==> flow/design.v <==
module alu_times_top (clock, lhs, rhs, result);
   parameter XLEN = 36;
   parameter WB = 2;
   input clock;
   input [XLEN-1:0] lhs;
   input [WB-1:0] rhs;
   output [XLEN+WB-1:0] result;
   reg [XLEN-1:0] lhs_ff;
   reg [WB-1:0] rhs_ff;
   always @(posedge clock) begin
      lhs_ff <= lhs;
      rhs_ff <= rhs;
   end
   assign result = lhs_ff * rhs_ff;
endmodule
# Reports on alu_times_top
# What the tools print for alu_times_top, step after step.
# Lines are those of the file above, counted from 1.
# Not given: n/a
[design]
top = "alu_times_top"
clock_port = "clock"
library = "sky130hd"
lib_corner = "tt_025C_1v80"

# Word level
# Counts by Yosys on the flattened word-level netlist (proc, flatten, opt, wreduce; memories kept). Register bits leave out memories and registers merged into their read ports (data or address); mux counts leave out enables and synchronous resets folded into registers. Print and check cells are left out. Cells with the same type and inputs are merged into one.
[classes]
n_addsub = 0
n_mul = 1
n_div = 0
n_cmp = 0
n_eq = 0
shifts = 0
muxes = 0
bitwise = 0
reduce_and_logical = 0
[ops]
columns = ["operator", "count"]
rows = [
  ["36-bit by 2-bit multiplier with 38-bit output", 1],
]
[bits]
reg_bits = 38
latch_bits = 0
ramBits = 0
rom_bits = 0
clocked_rd_ports_x_width = 0
memories = 0
word_cells = 3

# Logic depth
# Depth = most cells in a row (Yosys ltp): at word level without a register or memory, in the mapped netlist without a sequential cell, where the memories' decode and read muxes count.
[logic_depth]
depth_word = 1
abc_area = 0
depth_mapped = 11

# Mapped cells and area
# Source: synth_stat.txt of the flow (Yosys; design flattened, memories mapped). It holds for the ABC_AREA given above (unset counts as 0); a run with the other value may have another netlist.
# The area totals of this step are shown rounded.
[synth_totals]
stdcells = 387
area_um2 = 3181
sequential_area_um2 = 760.7
ff_cells = 38
[types]
columns = ["cell", "count", "type_area_um2"]
rows = [
  ["sky130_fd_sc_hd__dfxtp_1", 38, 760.73],
  ["sky130_fd_sc_hd__and2_1", 71, 444.176],
  ["sky130_fd_sc_hd__ha_1", 35, 437.92],
  ["sky130_fd_sc_hd__xnor2_1", 22, 192.685],
  ["sky130_fd_sc_hd__a21oi_1", 34, 170.163],
  ["sky130_fd_sc_hd__nand2_1", 32, 120.115],
  ["sky130_fd_sc_hd__xor2_1", 12, 105.101],
  ["sky130_fd_sc_hd__a21o_1", 11, 82.579],
  ["sky130_fd_sc_hd__o21bai_1", 10, 75.072],
  ["sky130_fd_sc_hd__nor2_1", 15, 56.304],
  ["sky130_fd_sc_hd__o21ai_0", 10, 50.048],
  ["sky130_fd_sc_hd__o21a_1", 6, 45.043],
  ["sky130_fd_sc_hd__o21ai_1", 9, 45.043],
  ["sky130_fd_sc_hd__o211ai_1", 5, 37.536],
  ["sky130_fd_sc_hd__clkbuf_1", 9, 33.782],
  ["sky130_fd_sc_hd__a211oi_1", 4, 30.029],
  ["sky130_fd_sc_hd__nand3_1", 6, 30.029],
  ["sky130_fd_sc_hd__a221oi_1", 3, 26.275],
]
# Other cell types: 34; their cells: 55.

# Path before layout
# Source: OpenSTA report_checks on the synthesized netlist (no wires, ideal clock, input and output delay 20% of the period each), path of least setup slack; recovery checks are left aside. Register names are those of the netlist, which keeps one name where synthesis merged equal registers.
[synth_timing]
path_kind = "flip-flop to output port"
from = "reg rhs_ff[1]"
to = "out result[35]"
clock_period_ns = 4.2
out_delay_ns = 0.840
t_first_pin_ns = 0.000
arrival_ns = 2.690
required_time_ns = 3.360
slack_ns = 0.670
delay_ns = 2.690
driving_pins = 12
path_buffers = 1
synth_period_reached_ns = 3.53
# "delay_ns" is the arrival time less input delay plus setup time.
# A path that ends at an output port has no setup time.
# "driving_pins" counts driving pins, that of a launching flip-flop among them; a cell with two outputs on the path counts twice.
# "synth_period_reached_ns" = period - worst setup slack (recovery checks aside). The figure is calculated, with input and output delays left at 20% of the set period.
# The rows between start and end are the longest chain of elaborated cells between them; the timing report does not say that the signal goes this way. Where chains are equally long, one stands for them.
# A line is the first line of the expression or statement that the cell stems from. Yosys adds cells for indexed reads and writes and turns some case tables into memories.
[synth_between]
cell_sequence = "sky130_fd_sc_hd__dfxtp_1 > sky130_fd_sc_hd__clkbuf_1 > sky130_fd_sc_hd__and2_1 > sky130_fd_sc_hd__ha_1 > sky130_fd_sc_hd__fa_1 > sky130_fd_sc_hd__a21o_1 > sky130_fd_sc_hd__a311o_1 > sky130_fd_sc_hd__a31oi_4 > sky130_fd_sc_hd__o311a_4 > sky130_fd_sc_hd__nand3_2 > sky130_fd_sc_hd__a31oi_2 > sky130_fd_sc_hd__xnor2_1"
elab_chain_len = 1
[synth_rtl]
columns = ["item", "line_no", "source"]
rows = [
  ["start: declaration", 9, "reg [WB-1:0] rhs_ff;"],
  ["start: assignment", 12, "rhs_ff <= rhs;"],
  ["36-bit by 2-bit multiplier with 38-bit output", 14, "assign result = lhs_ff * rhs_ff;"],
  ["end: declaration", 7, "output [XLEN+WB-1:0] result;"],
]

# Worst path after layout
# From the final timing report of job 1: the path of least setup slack in the routed layout; clock arrival at registers is part of the times.
[layout_timing]
path_kind = "flip-flop to output port"
from = "reg rhs_ff[0]"
to = "out result[33]"
clock_period_ns = 6.1
out_delay_ns = 1.22
t_first_pin_ns = 0.27
arrival_ns = 3.77
required_time_ns = 4.88
slack_ns = 1.11
driving_pins = 12
path_buffers = 1
# The rows between start and end are the longest chain of elaborated cells between them; the timing report does not say that the signal goes this way. Where chains are equally long, one stands for them.
[layout_between]
cell_sequence = "sky130_fd_sc_hd__dfxtp_2 > sky130_fd_sc_hd__and2_1 > sky130_fd_sc_hd__ha_1 > sky130_fd_sc_hd__fa_1 > sky130_fd_sc_hd__a21o_1 > sky130_fd_sc_hd__a311o_1 > sky130_fd_sc_hd__a31oi_4 > sky130_fd_sc_hd__o21a_2 > sky130_fd_sc_hd__o21ai_1 > sky130_fd_sc_hd__o221ai_2 > sky130_fd_sc_hd__xnor2_1 > sky130_fd_sc_hd__clkdlybuf4s50_1"
elab_chain_len = 1
[layout_rtl]
columns = ["item", "line_no", "source"]
rows = [
  ["start: declaration", 9, "reg [WB-1:0] rhs_ff;"],
  ["start: assignment", 12, "rhs_ff <= rhs;"],
  ["36-bit by 2-bit multiplier with 38-bit output", 14, "assign result = lhs_ff * rhs_ff;"],
  ["end: declaration", 7, "output [XLEN+WB-1:0] result;"],
]

Module alu_times_top, platform sky130hd: 3 stored runs of the flow (Yosys, OpenROAD) with differing settings, in no particular order. Input and output delays are each 20% of the period that was set; the output load is 0.01 pF.
"period_reached_ns" means the clock period less the worst setup slack. The figure is calculated, with input and output delays left at 20% of the set period.
The results are shown rounded.

# job 1
==> flow/run.sh <==
#!/bin/bash
# the make line also repeats the synthesis and layout settings of config.mk as NAME=value (left out here)
make -C /OpenROAD-flow-scripts/flow DESIGN_CONFIG=/design/flow/config.mk WORK_HOME=/design/flow/orfs CLKGATE_MAP_FILE= finish
==> flow/config.mk <==
export PLATFORM = sky130hd
export DESIGN_NAME = alu_times_top
export DESIGN_NICKNAME = alu_times_top
export VERILOG_FILES = /design/flow/design.v
export SDC_FILE = /design/flow/constraint.sdc
export NUM_CORES = 4
export LEC_CHECK = 0
export ABC_AREA = 0
export CAP_MARGIN = 20
export CORE_MARGIN = 2
export CORE_UTILIZATION = 23
export CTS_CLUSTER_SIZE = 35
export GPL_TIMING_DRIVEN = 1
export MIN_ROUTING_LAYER = met2
export SETUP_SLACK_MARGIN = 0.94
export SLEW_MARGIN = 20
==> flow/constraint.sdc <==
create_clock -name core_clock -period 6.1 [get_ports {clock}]
set_input_delay 1.2200 -clock core_clock [delete_from_list [all_inputs] [get_ports {clock}]]
set_output_delay 1.2200 -clock core_clock [all_outputs]
set_load 0.01 [all_outputs]

==> job 1: results <==
period_reached_ns=4.987
fin_ws_ns=1.113
setup_tns_ns=0.000
die_footprint_um2=14790
layout_utilization_frac=0.32
synth_chip_area_um2=3181

# job 2
==> flow/run.sh <==
#!/bin/bash
# the make line also repeats the synthesis and layout settings of config.mk as NAME=value (left out here)
make -C /OpenROAD-flow-scripts/flow DESIGN_CONFIG=/design/flow/config.mk WORK_HOME=/design/flow/orfs CLKGATE_MAP_FILE= finish
==> flow/config.mk <==
export PLATFORM = sky130hd
export DESIGN_NAME = alu_times_top
export DESIGN_NICKNAME = alu_times_top
export VERILOG_FILES = /design/flow/design.v
export SDC_FILE = /design/flow/constraint.sdc
export NUM_CORES = 4
export LEC_CHECK = 0
export CAP_MARGIN = 20
export CELL_PAD_IN_SITES_GLOBAL_PLACEMENT = 2
export CORE_ASPECT_RATIO = 0.6
export CORE_MARGIN = 2
export CORE_UTILIZATION = 20
export CTS_CLUSTER_DIAMETER = 94
export CTS_CLUSTER_SIZE = 67
export GPL_ROUTABILITY_DRIVEN = 1
export HOLD_SLACK_MARGIN = -0.09
export MAX_ROUTING_LAYER = met5
export PLACE_DENSITY_LB_ADDON = 0.12
export SETUP_SLACK_MARGIN = 0.23
export SLEW_MARGIN = 20
==> flow/constraint.sdc <==
create_clock -name core_clock -period 2.43 [get_ports {clock}]
set_input_delay 0.4860 -clock core_clock [delete_from_list [all_inputs] [get_ports {clock}]]
set_output_delay 0.4860 -clock core_clock [all_outputs]
set_load 0.01 [all_outputs]

==> job 2: results <==
fin_ws_ns=-1.006
period_reached_ns=3.436
setup_tns_ns=-25.82
synth_chip_area_um2=3181
layout_utilization_frac=0.413
die_footprint_um2=16960

# job 3
==> flow/run.sh <==
#!/bin/bash
# the make line also repeats the synthesis and layout settings of config.mk as NAME=value (left out here)
make -C /OpenROAD-flow-scripts/flow DESIGN_CONFIG=/design/flow/config.mk WORK_HOME=/design/flow/orfs CLKGATE_MAP_FILE= finish
==> flow/config.mk <==
export PLATFORM = sky130hd
export DESIGN_NAME = alu_times_top
export DESIGN_NICKNAME = alu_times_top
export VERILOG_FILES = /design/flow/design.v
export SDC_FILE = /design/flow/constraint.sdc
export NUM_CORES = 4
export LEC_CHECK = 0
export CAP_MARGIN = 20
export CORE_MARGIN = 2
export CORE_UTILIZATION = 40
export SLEW_MARGIN = 20
==> flow/constraint.sdc <==
create_clock -name core_clock -period 4.2 [get_ports {clock}]
set_input_delay 0.8400 -clock core_clock [delete_from_list [all_inputs] [get_ports {clock}]]
set_output_delay 0.8400 -clock core_clock [all_outputs]
set_load 0.01 [all_outputs]

==> job 3: results <==
die_footprint_um2=8681
synth_chip_area_um2=3181
setup_tns_ns=0.000
fin_ws_ns=0.132
layout_utilization_frac=0.565
period_reached_ns=4.068
